==> flow/design.v <==
module u_muxn_blk #(
    parameter NBITS = 24,
    parameter NIN = 8,
    parameter SEL_W = $clog2(NIN)
) (
    input  CLK,
    input  rst_n,
    input  [NIN*NBITS-1:0] in,
    input  [SEL_W-1:0] idx,
    output reg [NBITS-1:0] y
);
    always @(posedge CLK or negedge rst_n) begin
        if (!rst_n) begin
            y <= 0;
        end else begin
            y <= in[idx*NBITS +: NBITS];
        end
    end
endmodule
* Reports on u_muxn_blk *
Tool output for the design above, in the order of the flow.
Lines are those of the file above, counted from 1.
A cell with -- has no value.

design
  design top = u_muxn_blk
  clock input = CLK
  standard-cell library = sky130hd
  library corner = tt_025C_1v80

* After elaboration *
Counts by Yosys on the flattened word-level netlist (proc, flatten, opt, wreduce; memories kept). Register bits leave out memories and registers merged into their read ports (data or address); mux counts leave out enables and synchronous resets folded into registers. Print and check cells are left out. Cells with the same type and inputs are merged into one.

storage and ports
  register bits after elaboration = 24
  bits of input ports = 197
  output and inout port bits = 24
  word-level cells = 3

cells by class
  $mul = 1
  shift-type cells = 1

operators by type and width
  operator                                           number
  variable part select 192 x 9 -> 24 bit             1
  multiplier 3 x 2 -> 5 bit (second input constant)  1

* Longest topological paths *
Yosys ltp: most cells in a row. Word level: on the elaborated netlist, between registers, memories and ports. Mapped: between sequential cells and ports; inverters and the memories' decode and read muxes count.

logic depth
  depth after elaboration = 2
  ABC_AREA = 0
  gate-level depth with buffers = 4

* After synthesis *
The flow's flattened synthesis, as Yosys stat reports it; memories are mapped. The netlist is that of the ABC_AREA named above (0 if unset); the other value can give another one.
The area totals of this step are shown rounded.

cells by type
  cell                       number  total area (µm²)
  sky130_fd_sc_hd__mux4_2    48      1.08E+03
  sky130_fd_sc_hd__dfrtp_1   24      600.576
  sky130_fd_sc_hd__mux2_4    12      180.173
  sky130_fd_sc_hd__mux2_2    12      135.13
  sky130_fd_sc_hd__buf_12    2       40.038
  sky130_fd_sc_hd__buf_2     6       30.029
  sky130_fd_sc_hd__buf_6     1       11.261
  sky130_fd_sc_hd__clkbuf_1  3       11.261
  sky130_fd_sc_hd__buf_1     1       3.754

synthesis totals
  cell count = 109
  cell area after synthesis = 2090 µm²
  sequential area = 601 µm²
  flip-flop cells = 24
  buffer cells = 13

* Path before layout *
Path of least setup slack by OpenSTA after synthesis, without wires, with an ideal clock, recovery checks aside; 20% of the period is set as input and as output delay. Where synthesis merged equal registers, the netlist keeps one of their names.

timing path after synthesis
  path kind = input-to-reg
  start = in idx[0]
  end = reg y[14]
  clock period = 1850 ps
  external input delay = 370 ps
  setup time = 125 ps
  time at the first pin = 370 ps
  data arrival time = 1426 ps
  slack = 299 ps
  delay of the path = 1181 ps
  driving pins on the path = 3
  path buffers = 1
  period reached after synthesis = 1551 ps

"delay of the path" = arrival - input delay + setup time.
"driving pins on the path": output pins that drive a net of the path, with the launching flip-flop's if there is one; two outputs of one cell count as two.
"period reached after synthesis" = period - worst setup slack (recovery checks aside). The figure is calculated, with input and output delays left at 20% of the set period.
The rows between start and end are the longest chain of elaborated cells between them; the timing report does not say that the signal goes this way. Where chains are equally long, one stands for them.
Each line given opens the expression or statement behind the cell; cells for indexed reads and writes are added by Yosys, which also makes memories of some case tables.

on the way, after synthesis
  cells stage by stage = sky130_fd_sc_hd__buf_2 > sky130_fd_sc_hd__mux4_2 > sky130_fd_sc_hd__mux2_4
  length of the longest elaborated chain = 2
  elaborated cells between the ends (all ways) = 2
  RTL lines with such cells = 1
  classes of those cells = 1 x mul; 1 x shift

ends and longest elaborated chain, after synthesis
  element                                 RTL line  source
  start, declared                         9         input  [SEL_W-1:0] idx,
  multiplier 3 x 2 -> 5 bit               16        y <= in[idx*NBITS +: NBITS];
  variable part select 192 x 9 -> 24 bit  16
  end, assigned                           14        y <= 0;
  end, assigned                           16
  end, declared                           10        output reg [NBITS-1:0] y

* Path in the finished layout *
From the final timing report of flow run 1: the path of least setup slack in the routed layout; clock arrival at registers is part of the times.
The report prints the path's times to 10 ps; the period is as set.

timing path post-layout
  path kind = reg-to-output
  start = reg y[6]
  end = out y[6]
  clock period = 1850 ps
  output delay = 370 ps
  time at the first pin = 270 ps
  data arrival time = 1230 ps
  slack = 250 ps
  driving pins on the path = 2
  path buffers = 1

on the way, post-layout
  cells stage by stage = sky130_fd_sc_hd__dfrtp_1 > sky130_fd_sc_hd__clkdlybuf4s50_1
  length of the longest elaborated chain = 0
  elaborated cells between the ends (all ways) = 0
  RTL lines with such cells = 0

ends and longest elaborated chain, post-layout
  element          RTL line  source
  start, declared  10        output reg [NBITS-1:0] y
  start, assigned  14        y <= 0;
  start, assigned  16        y <= in[idx*NBITS +: NBITS];
  end, declared    10

Settings and measured results of 3 stored flow runs for module u_muxn_blk (sky130hd), not sorted in any way. The constraints put input and output delay at 20% of the set period each and load the outputs with 0.01 pF.
"reached clock period": clock period set for the run, less the worst setup slack. It is reckoned from that one timing run; input and output delays stay at 20% of the period that was set.
"allowed time less slack (worst setup path)" means the part of the period allowed to the worst setup path (the constraints hold back 20% at inputs and 20% at outputs) less its slack; where the path has registers, the arrival times of their clocks count too.
"power consumption" rests on the timing tool's default activity at the inputs, not on a simulated workload.
"allowed time less slack (worst setup path)" is given in steps of 10 ps.
The measured numbers are rounded.
Among the settings, - means not set for that run.

setting or result                                        flow run 1     flow run 2     flow run 3
period_ns                                                1.85           2.06           1.75
CAP_MARGIN                                               20             20             20
CORE_MARGIN                                              2              2              2
CORE_UTILIZATION                                         40             28             15
SLEW_MARGIN                                              20             25             20
PLACE_DENSITY_LB_ADDON                                   -              0.09           0.12
CORE_ASPECT_RATIO                                        -              1.34           -
ABC_AREA                                                 -              1              -
GPL_TIMING_DRIVEN                                        -              1              -
CTS_CLUSTER_DIAMETER                                     -              241            183
MAX_ROUTING_LAYER                                        -              met4           -
CTS_CLUSTER_SIZE                                         -              -              74
allowed time less slack (worst setup path) (ps)          1230           1160           1170
critical path type                                       reg-to-output  reg-to-output  reg-to-output
setup slack of the worst path (ps)                       251            490            230
reached clock period (ps)                                1599           1570           1520
power consumption (µW)                                   1990           1980           2190
utilization (%)                                          88.0           49.3           33.5
area of the standard cells in the finished layout (µm²)  4460           5550           4610
area of the die (µm²)                                    5830           12300          14900
post-route setup TNS (ps)                                0              0              0
cell area after synthesis (µm²)                          2090           3200           2090
